==> flow/design.v <==
module my_muxn_mod #(
    parameter DATA_WIDTH = 8,
    parameter INPUTS = 5,
    parameter LG = $clog2(INPUTS)
) (
    input wire clk,
    input wire aresetn,
    input wire [INPUTS*DATA_WIDTH-1:0] i_in,
    input wire [LG-1:0] i_idx,
    output reg [DATA_WIDTH-1:0] o_result
);
    reg [DATA_WIDTH-1:0] t;
    integer k;
    always @* begin
        t = 0;
        for (k = 0; k < INPUTS; k = k + 1)
            if (i_idx == k) t = i_in[k*DATA_WIDTH +: DATA_WIDTH];
    end
    always @(posedge clk or negedge aresetn) begin
        if (~aresetn) begin
            o_result <= 0;
        end else begin
            o_result <= t;
        end
    end
endmodule
--- tool output ---
### Step by step through the tools: my_muxn_mod

Module my_muxn_mod in several versions that differ in "INPUTS"; each step lists the members.
The file above is the member INPUTS 5. Line numbers count from 1 in each member's own file.
Operators: Yosys type, input widths -> output width; for muxes data width and select width s.
Cell names lack the library's common part.
A cell with n/a has no value.

* top: my_muxn_mod
* clock port: clk
* cell library: sky130hd
* corner: tt_025C_1v80

### Members of the sweep

New or changed lines of each further member against the RTL above, in its own file; lines it lacks are not shown.

New or changed lines
* INPUTS 8: line 3 `parameter INPUTS = 8,`
* INPUTS 16: line 3 `parameter INPUTS = 16,`
* INPUTS 20: line 3 `parameter INPUTS = 20,`
* INPUTS 24: line 3 `parameter INPUTS = 24,`
* INPUTS 32: line 3 `parameter INPUTS = 32,`

### Word-level counts

Yosys after proc, flatten, opt, wreduce and memory -nomap, before mapping. Enables and synchronous resets that opt folds into registers are not counted as muxes. Memory bits, and registers merged into a memory's read port (data or address), are not among the register bits. Print and check cells are not counted. Equal cells are merged and count once.

Storage and ports
* INPUTS 5: bits in registers 8, latch bits 0, bits in writable memories 0, memory bits (read-only) 0, clocked read ports x word width 0, memories 0, bits of input ports 45, output and inout port bits 8, word-level cells 11
* INPUTS 8: bits in registers 8, latch bits 0, bits in writable memories 0, memory bits (read-only) 0, clocked read ports x word width 0, memories 0, bits of input ports 69, output and inout port bits 8, word-level cells 17
* INPUTS 16: bits in registers 8, latch bits 0, bits in writable memories 0, memory bits (read-only) 0, clocked read ports x word width 0, memories 0, bits of input ports 134, output and inout port bits 8, word-level cells 33
* INPUTS 20: bits in registers 8, latch bits 0, bits in writable memories 0, memory bits (read-only) 0, clocked read ports x word width 0, memories 0, bits of input ports 167, output and inout port bits 8, word-level cells 41
* INPUTS 24: bits in registers 8, latch bits 0, bits in writable memories 0, memory bits (read-only) 0, clocked read ports x word width 0, memories 0, bits of input ports 199, output and inout port bits 8, word-level cells 49
* INPUTS 32: bits in registers 8, latch bits 0, bits in writable memories 0, memory bits (read-only) 0, clocked read ports x word width 0, memories 0, bits of input ports 263, output and inout port bits 8, word-level cells 65

Operators by class
* INPUTS 5: add/subtract/negate cells 0, multipliers 0, divide/modulo/power cells 0, magnitude comparators 0, equality and inequality tests 4, shift-type cells 0, multiplexer cells 5, bitwise gates (word level) 0, reduce/logical cells 1
* INPUTS 8: add/subtract/negate cells 0, multipliers 0, divide/modulo/power cells 0, magnitude comparators 0, equality and inequality tests 7, shift-type cells 0, multiplexer cells 8, bitwise gates (word level) 0, reduce/logical cells 1
* INPUTS 16: add/subtract/negate cells 0, multipliers 0, divide/modulo/power cells 0, magnitude comparators 0, equality and inequality tests 15, shift-type cells 0, multiplexer cells 16, bitwise gates (word level) 0, reduce/logical cells 1
* INPUTS 20: add/subtract/negate cells 0, multipliers 0, divide/modulo/power cells 0, magnitude comparators 0, equality and inequality tests 19, shift-type cells 0, multiplexer cells 20, bitwise gates (word level) 0, reduce/logical cells 1
* INPUTS 24: add/subtract/negate cells 0, multipliers 0, divide/modulo/power cells 0, magnitude comparators 0, equality and inequality tests 23, shift-type cells 0, multiplexer cells 24, bitwise gates (word level) 0, reduce/logical cells 1
* INPUTS 32: add/subtract/negate cells 0, multipliers 0, divide/modulo/power cells 0, magnitude comparators 0, equality and inequality tests 31, shift-type cells 0, multiplexer cells 32, bitwise gates (word level) 0, reduce/logical cells 1

Operators with widths (kinds with counts)
* INPUTS 5: $mux 8 (5); $eq 3x2->1 const B (2); $eq 3x1->1 const B (1); $eq 3x3->1 const B (1); $logic_not 3->1 (1)
* INPUTS 8: $mux 8 (8); $eq 3x3->1 const B (4); $eq 3x2->1 const B (2); $eq 3x1->1 const B (1); $logic_not 3->1 (1)
* INPUTS 16: $mux 8 (16); $eq 4x4->1 const B (8); $eq 4x3->1 const B (4); $eq 4x2->1 const B (2); $eq 4x1->1 const B (1); $logic_not 4->1 (1)
* INPUTS 20: $mux 8 (20); $eq 5x4->1 const B (8); $eq 5x3->1 const B (4); $eq 5x5->1 const B (4); $eq 5x2->1 const B (2); $eq 5x1->1 const B (1); $logic_not 5->1 (1)
* INPUTS 24: $mux 8 (24); $eq 5x4->1 const B (8); $eq 5x5->1 const B (8); $eq 5x3->1 const B (4); $eq 5x2->1 const B (2); $eq 5x1->1 const B (1); $logic_not 5->1 (1)
* INPUTS 32: $mux 8 (32); $eq 5x5->1 const B (16); $eq 5x4->1 const B (8); $eq 5x3->1 const B (4); $eq 5x2->1 const B (2); $eq 5x1->1 const B (1); $logic_not 5->1 (1)

### Depth

Longest topological path by Yosys (ltp), each cell counted once; first at word level (registers and memories cut), then after technology mapping (sequential cells cut; the memories' decode and read muxes count).

Logic depth
* INPUTS 5: depth after elaboration 6, ABC_AREA 0, depth in mapped cells 5, depth with buffers taken out 3
* INPUTS 8: depth after elaboration 9, ABC_AREA 0, depth in mapped cells 4, depth with buffers taken out 2
* INPUTS 16: depth after elaboration 17, ABC_AREA 0, depth in mapped cells 7, depth with buffers taken out 5
* INPUTS 20: depth after elaboration 21, ABC_AREA 0, depth in mapped cells 8, depth with buffers taken out 5
* INPUTS 24: depth after elaboration 25, ABC_AREA 0, depth in mapped cells 9, depth with buffers taken out 6
* INPUTS 32: depth after elaboration 33, ABC_AREA 0, depth in mapped cells 10, depth with buffers taken out 6

### Mapped cells and area

Yosys stat after the flow's synthesis: flattened, memories mapped to cells. It holds for the ABC_AREA given above (unset counts as 0); a run with the other value may have another netlist.

Cells by type (type and count)
* INPUTS 5: dfrtp_1 (8); a221o_1 (7); mux2i_1 (7); mux2_2 (5); mux2_4 (2); nor2_1 (8); mux4_1 (1); buf_12 (1); nor3b_2 (1); buf_6 (1); nand2b_1 (1); o21ai_0 (1); inv_1 (1); nand2_1 (1)
* INPUTS 8: mux4_1 (15); dfrtp_1 (8); mux2_2 (8); mux4_2 (1); buf_12 (1); buf_6 (1); buf_2 (1); buf_1 (1); clkbuf_1 (1)
* INPUTS 16: mux4_2 (12); dfrtp_1 (8); mux4_1 (5); mux2i_1 (12); o21ai_0 (21); nand2_1 (20); o22ai_1 (11); a221oi_1 (5); nor2b_1 (7); a21oi_1 (8); buf_2 (8); nand3_1 (7); a31oi_1 (5); nor2_1 (8); o21bai_1 (4); nand2b_1 (4); a211oi_1 (3); a22oi_1 (3); (+29)
* INPUTS 20: dfrtp_1 (8); a21oi_1 (23); mux2i_1 (9); o22ai_1 (14); nand3_1 (17); o21ai_0 (15); nand2_1 (19); a32o_1 (7); and3b_1 (8); buf_2 (14); nor2b_1 (11); mux4_2 (3); mux2_2 (5); nor2_1 (15); a221oi_1 (6); a32oi_1 (6); a221o_1 (5); o211ai_1 (6); (+94)
* INPUTS 24: dfrtp_1 (8); a21oi_1 (34); mux2i_1 (15); nor2_1 (33); nor3_1 (24); nand2_1 (24); o22ai_1 (14); a22oi_1 (11); nand3_1 (16); buf_2 (15); a221oi_1 (8); mux4_2 (3); o21ai_0 (13); mux2_2 (5); buf_4 (7); nor2b_1 (8); or3_1 (8); inv_1 (13); (+105)
* INPUTS 32: a21oi_1 (56); dfrtp_1 (8); o21ai_0 (34); mux2i_1 (16); mux4_2 (7); nor2_1 (41); nand2_1 (40); buf_2 (25); nor2b_1 (19); o211ai_1 (14); mux2_2 (9); nand2b_1 (16); nand3_1 (20); buf_4 (13); nor3_1 (19); o221ai_1 (10); o22ai_1 (12); a32oi_1 (8); (+181)

A list marked (+n) leaves out that many cells.

Synthesis totals
* INPUTS 5: cell count 45, synthesis area 545.5 um^2, sequential part of the area 200.2 um^2, flip-flop cells 8, buffer cells 2
* INPUTS 8: cell count 37, synthesis area 750.7 um^2, sequential part of the area 200.2 um^2, flip-flop cells 8, buffer cells 5
* INPUTS 16: cell count 180, synthesis area 1531.5 um^2, sequential part of the area 200.2 um^2, flip-flop cells 8, buffer cells 18
* INPUTS 20: cell count 285, synthesis area 2035.7 um^2, sequential part of the area 200.2 um^2, flip-flop cells 8, buffer cells 26
* INPUTS 24: cell count 364, synthesis area 2478.6 um^2, sequential part of the area 200.2 um^2, flip-flop cells 8, buffer cells 29
* INPUTS 32: cell count 548, synthesis area 3713.6 um^2, sequential part of the area 200.2 um^2, flip-flop cells 8, buffer cells 52

### Worst setup path after synthesis

OpenSTA on the mapped netlist: ideal clock, no wires. The path of least setup slack (recovery checks aside). Input and output delay are each 20% of the period. Register names are those of the netlist, which keeps one name where synthesis merged equal registers.

Path post-synthesis
* INPUTS 5: path kind in2reg, start input port i_idx[0], end register o_result[4], period 1.51 ns, path slack 0.242 ns, stages 4, path delay 0.965 ns, synthesis period reached 1.268 ns
* INPUTS 8: path kind in2reg, start input port i_idx[1], end register o_result[1], period 1.8 ns, path slack 0.291 ns, stages 4, path delay 1.150 ns, synthesis period reached 1.509 ns
* INPUTS 16: path kind in2reg, start input port i_idx[0], end register o_result[6], period 1.97 ns, path slack 0.314 ns, stages 3, path delay 1.262 ns, synthesis period reached 1.656 ns
* INPUTS 20: path kind in2reg, start input port i_idx[4], end register o_result[7], period 2.34 ns, path slack 0.376 ns, stages 5, path delay 1.496 ns, synthesis period reached 1.964 ns
* INPUTS 24: path kind in2reg, start input port i_idx[4], end register o_result[7], period 2.36 ns, path slack 0.377 ns, stages 7, path delay 1.512 ns, synthesis period reached 1.983 ns
* INPUTS 32: path kind in2reg, start input port i_idx[0], end register o_result[4], period 2.5 ns, path slack 0.397 ns, stages 8, path delay 1.603 ns, synthesis period reached 2.103 ns

"path delay" = arrival - input delay + setup time.
"stages": output pins that drive a net of the path, with the launching flip-flop's if there is one; two outputs of one cell count as two.
"synthesis period reached" = period - worst setup slack (recovery checks aside). The figure is calculated, with input and output delays left at 20% of the set period.
The rows between start and end are the longest chain of elaborated cells between them; the timing report does not say that the signal goes this way. Where chains are equally long, one stands for them.
Each line given opens the expression or statement behind the cell; cells for indexed reads and writes are added by Yosys, which also makes memories of some case tables.

On the way, post-synthesis, INPUTS 5:
* cells in the longest elaborated chain: 6

Ends and longest elaborated chain, post-synthesis, INPUTS 5
* start: declaration: line 9 `input wire [LG-1:0] i_idx,`
* $logic_not 3->1: line 17 `if (i_idx == k) t = i_in[k*DATA_WIDTH +: DATA_WIDTH];`
* $mux 8 x5: line 17
* end: assignment: line 21 `o_result <= 0;`
* end: assignment: line 23 `o_result <= t;`
* end: declaration: line 10 `output reg [DATA_WIDTH-1:0] o_result`

On the way, post-synthesis, INPUTS 32:
* cells in the longest elaborated chain: 33

Ends and longest elaborated chain, post-synthesis, INPUTS 32
* start: declaration: line 9 `input wire [LG-1:0] i_idx,`
* $logic_not 5->1: line 17 `if (i_idx == k) t = i_in[k*DATA_WIDTH +: DATA_WIDTH];`
* $mux 8 x32: line 17
* end: assignment: line 21 `o_result <= 0;`
* end: assignment: line 23 `o_result <= t;`
* end: declaration: line 10 `output reg [DATA_WIDTH-1:0] o_result`

### Timing after layout

Path of least setup slack in the final report of each member's run (OpenROAD, finished layout, wires in). Where an end is a register, its clock arrival counts in the times.

Path after layout
* INPUTS 5: path kind reg2out, start register o_result[2], end output port o_result[2], period 1.51 ns, path slack 0.10 ns, stages 2, arrival 1.11 ns, path buffers 1
* INPUTS 8: path kind reg2out, start register o_result[3], end output port o_result[3], period 1.8 ns, path slack 0.26 ns, stages 2, arrival 1.18 ns, path buffers 1
* INPUTS 16: path kind in2reg, start input port i_idx[0], end register o_result[7], period 1.97 ns, path slack 0.09 ns, stages 8, arrival 2.01 ns, path buffers 3
* INPUTS 20: path kind in2reg, start input port i_idx[3], end register o_result[4], period 2.34 ns, path slack 0.05 ns, stages 7, arrival 2.39 ns, path buffers 2
* INPUTS 24: path kind in2reg, start input port i_idx[1], end register o_result[5], period 2.36 ns, path slack 0.03 ns, stages 9, arrival 2.43 ns, path buffers 3
* INPUTS 32: path kind in2reg, start input port i_idx[3], end register o_result[0], period 2.5 ns, path slack 0.06 ns, stages 9, arrival 2.59 ns, path buffers 3

### Flow runs

One run of the flow (Yosys, OpenROAD) for each member, with settings and measured results. Input and output delays are each 20% of the period that was set; the output load is 0.01 pF.

* CAP_MARGIN: 20
* CORE_MARGIN: 2
* CORE_UTILIZATION: 40
* SLEW_MARGIN: 20

Settings that differ (period_ns)
* INPUTS 5: 1.51
* INPUTS 8: 1.8
* INPUTS 16: 1.97
* INPUTS 20: 2.34
* INPUTS 24: 2.36
* INPUTS 32: 2.5

Results
* INPUTS 5: mapped cell area after synthesis 545.5 um^2, die area 1675.3 um^2, area of the standard cells in the finished layout 1149.8 um^2, utilization of the finished layout 0.895, setup slack of the worst path 0.098 ns, total negative slack on setup checks 0.000 ns, power consumption 0.6792 mW, clock period achieved 1.412 ns
* INPUTS 8: mapped cell area after synthesis 750.7 um^2, die area 2239.2 um^2, area of the standard cells in the finished layout 1585.3 um^2, utilization of the finished layout 0.908, setup slack of the worst path 0.256 ns, total negative slack on setup checks 0.000 ns, power consumption 0.6937 mW, clock period achieved 1.544 ns
* INPUTS 16: mapped cell area after synthesis 1531.5 um^2, die area 4339.5 um^2, area of the standard cells in the finished layout 3148.0 um^2, utilization of the finished layout 0.86, setup slack of the worst path 0.089 ns, total negative slack on setup checks 0.000 ns, power consumption 1.054 mW, clock period achieved 1.881 ns
* INPUTS 20: mapped cell area after synthesis 2035.7 um^2, die area 5676.1 um^2, area of the standard cells in the finished layout 4246.6 um^2, utilization of the finished layout 0.882, setup slack of the worst path 0.051 ns, total negative slack on setup checks 0.000 ns, power consumption 1.045 mW, clock period achieved 2.289 ns
* INPUTS 24: mapped cell area after synthesis 2478.6 um^2, die area 6842.6 um^2, area of the standard cells in the finished layout 5301.3 um^2, utilization of the finished layout 0.89, setup slack of the worst path 0.032 ns, total negative slack on setup checks 0.000 ns, power consumption 1.241 mW, clock period achieved 2.328 ns
* INPUTS 32: mapped cell area after synthesis 3713.6 um^2, die area 10071.1 um^2, area of the standard cells in the finished layout 7432.1 um^2, utilization of the finished layout 0.816, setup slack of the worst path 0.059 ns, total negative slack on setup checks 0.000 ns, power consumption 1.584 mW, clock period achieved 2.441 ns

"clock period achieved" is the run's clock period less its worst setup slack. It is reckoned from that one timing run; input and output delays stay at 20% of the period that was set.
"power consumption": no workload was simulated; the value follows from the tool's default switching activity.
--- end ---
